==> flow/design.v <==
module gen_arith_v2 #(
  parameter DWIDTH = 20
) (
  input clk,
  input valid,
  input [DWIDTH-1:0] first,
  input [DWIDTH-1:0] second,
  input mode,
  output [DWIDTH-1:0] result
);
  reg [DWIDTH-1:0] first_r;
  reg [DWIDTH-1:0] second_r;
  reg mode_r;
  always @(posedge clk) begin
    if (valid) begin
      first_r <= first;
      second_r <= second;
      mode_r <= mode;
    end
  end
  reg [DWIDTH-1:0] t;
  always @* begin
    if (mode_r)
      t = first_r - second_r;
    else
      t = first_r + second_r;
  end
  assign result = t;
endmodule
# Step by step through the tools: gen_arith_v2
# Tool output for the design above, in the order of the flow.
# Lines are those of the file above, counted from 1.
# Cell names lack the library's common part.
# A cell with -- has no value.
# setup
design	gen_arith_v2
clk_port	clk
lib	sky130hd
lib_corner	tt_025C_1v80

# Elaborated design
# Source: Yosys, flattened and elaborated, memories not mapped. Widths are those after wreduce; folded enables and synchronous resets count as part of the registers. Registers that Yosys merges into a memory's read port (data or address) are not register bits. Print and check cells do not count. Equal cells are merged and count once.
# bits
ff_bits	41
word_cells	6
# op_classes
addsub	2
mux	1
# ops
op	count
20-bit adder	1
20-bit subtractor	1
20-bit 2-to-1 mux	1

# Depth
# Yosys ltp: most cells in a row. Word level: on the elaborated netlist, between registers, memories and ports. Mapped: between sequential cells and ports; inverters and the memories' decode and read muxes count.
# logic_depth
depth_word	2
ABC_AREA	0
depth_mapped	14
ltp_nobuf	14

# Synthesis result
# The flow's flattened synthesis, as Yosys stat reports it; memories are mapped. The netlist is that of the ABC_AREA named above (0 if unset); the other value can give another one.
# mapped
stdcells	247
area_um2	2681.3
flip_flops	41
buf_cells	3
# types
type	count	type_area_um2
edfxtp_1	41	1.23E+03
ha_1	20	250.24
xnor2_1	27	236.477
a21oi_1	22	110.106
nor2_1	24	90.086
inv_1	14	52.55
xor2_1	6	52.55
nor3_1	10	50.048
o21ai_0	9	45.043
a21o_1	5	37.536
nand2_1	9	33.782
a31oi_1	5	31.28
nor2b_1	5	31.28
mux2i_1	3	30.029
o21a_1	3	22.522
nor4_4	1	21.27
fa_1	1	20.019
a221oi_1	2	17.517
# Other cell types: 32; their cells: 40.

# Timing after synthesis
# OpenSTA on the mapped netlist: ideal clock, no wires. The path of least setup slack (recovery checks aside). Input and output delay are each 20% of the period. Register names are those of the netlist, which keeps one name where synthesis merged equal registers.
# synth_timing
path_kind	flip-flop to output port
from	register second_r[5]
to	output port result[19]
period_ns	5.05
out_delay_ns	1.010
t_first_pin_ns	0.000
arrival_time_ns	3.231
t_required_ns	4.040
slack_ns	0.809
delay_ns	3.231
driving_pins	14
period_less_setup_slack_ns	4.241
# "delay_ns" is the arrival time less input delay plus setup time.
# At an output port there is no setup time.
# "driving_pins": output pins that drive a net of the path, with the launching flip-flop's if there is one; two outputs of one cell count as two.
# "period_less_setup_slack_ns" is the clock period less the worst setup slack; recovery checks do not enter. This is arithmetic on one report: input and output delays are still those of the set period (20% each).
# Between the ends stands the longest chain of elaborated cells between them, by number of cells; it is not shown to be the way that was timed. Of several equally long chains one is given.
# A line is the first line of the expression or statement that the cell stems from. Yosys adds cells for indexed reads and writes and turns some case tables into memories.
# synth_via
path_cell_list	edfxtp_1 -> or4_4 -> nor3b_1 -> nand2_1 -> nor2_1 -> a21oi_1 -> xnor2_1 -> ha_1 -> a21oi_1 -> o21ai_0 -> a21oi_1 -> a31oi_1 -> a41o_1 -> nor3_1
elab_chain_len	2
# synth_lines
element	line	source
start: declaration	12	reg [DWIDTH-1:0] second_r;
start: assignment	17	second_r <= second;
20-bit adder	26	t = first_r + second_r;
20-bit 2-to-1 mux	23	if (mode_r)
end: declaration	9	output [DWIDTH-1:0] result

# Worst path after layout
# From the final timing report of run A: the path of least setup slack in the routed layout; clock arrival at registers is part of the times.
# layout_timing
path_kind	flip-flop to output port
from	register second_r[3]
to	output port result[19]
period_ns	6.43
out_delay_ns	1.29
t_first_pin_ns	0.30
arrival_time_ns	4.89
t_required_ns	5.14
slack_ns	0.25
driving_pins	15
# Between the ends stands the longest chain of elaborated cells between them, by number of cells; it is not shown to be the way that was timed. Of several equally long chains one is given.
# layout_via
path_cell_list	edfxtp_1 -> or4_4 -> nor3b_2 -> nand2_1 -> nor2_1 -> a21oi_1 -> xnor2_1 -> ha_1 -> a21oi_1 -> o21ai_0 -> a21oi_1 -> a31oi_1 -> a41o_1 -> nor3_1 -> clkdlybuf4s50_1
elab_chain_len	2
# layout_lines
element	line	source
start: declaration	12	reg [DWIDTH-1:0] second_r;
start: assignment	17	second_r <= second;
20-bit adder	26	t = first_r + second_r;
20-bit 2-to-1 mux	23	if (mode_r)
end: declaration	9	output [DWIDTH-1:0] result

Subject: gen_arith_v2 on sky130hd, stored results

Hello all,

Below are 3 stored runs of the flow (Yosys, OpenROAD; platform sky130hd) on gen_arith_v2, each with its settings and what was measured, unordered. Constraints: input delay and output delay 20% of the set period each, output load 0.01 pF.
"achievedPeriod_ns" is the run's clock period less its worst setup slack. It is reckoned from that one timing run; input and output delays stay at 20% of the period that was set.
By "worstPathTime_ns" is meant the share of the clock period that the worst setup path is allowed (20% is reserved at inputs, 20% at outputs), minus its slack. Clock arrival times at its registers enter into it.
"power_uw": no workload was simulated; the value follows from the tool's default switching activity.

Run A, flow files:
==> flow/run.sh <==
#!/bin/bash
# the make line also repeats the synthesis and layout settings of config.mk as NAME=value (left out here)
make -C /OpenROAD-flow-scripts/flow DESIGN_CONFIG=/design/flow/config.mk WORK_HOME=/design/flow/orfs CLKGATE_MAP_FILE= finish
==> flow/config.mk <==
export PLATFORM = sky130hd
export DESIGN_NAME = gen_arith_v2
export DESIGN_NICKNAME = gen_arith_v2
export VERILOG_FILES = /design/flow/design.v
export SDC_FILE = /design/flow/constraint.sdc
export NUM_CORES = 4
export LEC_CHECK = 0
export CAP_MARGIN = 20
export CELL_PAD_IN_SITES_DETAIL_PLACEMENT = 0
export CORE_MARGIN = 2
export CORE_UTILIZATION = 70
export CTS_CLUSTER_DIAMETER = 119
export GPL_ROUTABILITY_DRIVEN = 0
export GPL_TIMING_DRIVEN = 1
export MIN_ROUTING_LAYER = met1
export PLACE_DENSITY = 0.83
export SLEW_MARGIN = 20
export TNS_END_PERCENT = 25
==> flow/constraint.sdc <==
create_clock -name core_clock -period 6.43 [get_ports {clk}]
set_input_delay 1.2860 -clock core_clock [delete_from_list [all_inputs] [get_ports {clk}]]
set_output_delay 1.2860 -clock core_clock [all_outputs]
set_load 0.01 [all_outputs]

==> results of run A, as CSV <==
result,value
synth_area_um2,2681.3
dieArea_um2,4341.5
utilization_pct,93.8
fin_ws_ns,0.253
tns_setup_ns,0.000
ws_hold_ns,1.535
power_uw,1008
achievedPeriod_ns,6.177
worstPathTime_ns,4.89
worst_path_kind,"flip-flop to output port"

Run B, flow files:
==> flow/run.sh <==
#!/bin/bash
# the make line also repeats the synthesis and layout settings of config.mk as NAME=value (left out here)
make -C /OpenROAD-flow-scripts/flow DESIGN_CONFIG=/design/flow/config.mk WORK_HOME=/design/flow/orfs CLKGATE_MAP_FILE= finish
==> flow/config.mk <==
export PLATFORM = sky130hd
export DESIGN_NAME = gen_arith_v2
export DESIGN_NICKNAME = gen_arith_v2
export VERILOG_FILES = /design/flow/design.v
export SDC_FILE = /design/flow/constraint.sdc
export NUM_CORES = 4
export LEC_CHECK = 0
export ABC_AREA = 1
export CAP_MARGIN = 20
export CORE_ASPECT_RATIO = 0.59
export CORE_MARGIN = 2
export CORE_UTILIZATION = 56
export CTS_CLUSTER_DIAMETER = 59
export CTS_CLUSTER_SIZE = 88
export GPL_ROUTABILITY_DRIVEN = 1
export GPL_TIMING_DRIVEN = 1
export MIN_ROUTING_LAYER = met2
export PLACE_DENSITY_LB_ADDON = 0.16
export SETUP_SLACK_MARGIN = 1.0
export SLEW_MARGIN = 20
==> flow/constraint.sdc <==
create_clock -name core_clock -period 4.56 [get_ports {clk}]
set_input_delay 0.9120 -clock core_clock [delete_from_list [all_inputs] [get_ports {clk}]]
set_output_delay 0.9120 -clock core_clock [all_outputs]
set_load 0.01 [all_outputs]

Run B: did not finish, routing stopped with GRT-0232

Run C, flow files:
==> flow/run.sh <==
#!/bin/bash
# the make line also repeats the synthesis and layout settings of config.mk as NAME=value (left out here)
make -C /OpenROAD-flow-scripts/flow DESIGN_CONFIG=/design/flow/config.mk WORK_HOME=/design/flow/orfs CLKGATE_MAP_FILE= finish
==> flow/config.mk <==
export PLATFORM = sky130hd
export DESIGN_NAME = gen_arith_v2
export DESIGN_NICKNAME = gen_arith_v2
export VERILOG_FILES = /design/flow/design.v
export SDC_FILE = /design/flow/constraint.sdc
export NUM_CORES = 4
export LEC_CHECK = 0
export CAP_MARGIN = 20
export CORE_MARGIN = 2
export CORE_UTILIZATION = 40
export SLEW_MARGIN = 20
==> flow/constraint.sdc <==
create_clock -name core_clock -period 5.05 [get_ports {clk}]
set_input_delay 1.0100 -clock core_clock [delete_from_list [all_inputs] [get_ports {clk}]]
set_output_delay 1.0100 -clock core_clock [all_outputs]
set_load 0.01 [all_outputs]

==> results of run C, as CSV <==
result,value
synth_area_um2,2681.3
dieArea_um2,7374.5
utilization_pct,56.3
fin_ws_ns,0.132
tns_setup_ns,0.000
ws_hold_ns,1.266
power_uw,1248
achievedPeriod_ns,4.918
worstPathTime_ns,3.91
worst_path_kind,"flip-flop to output port"

Thanks
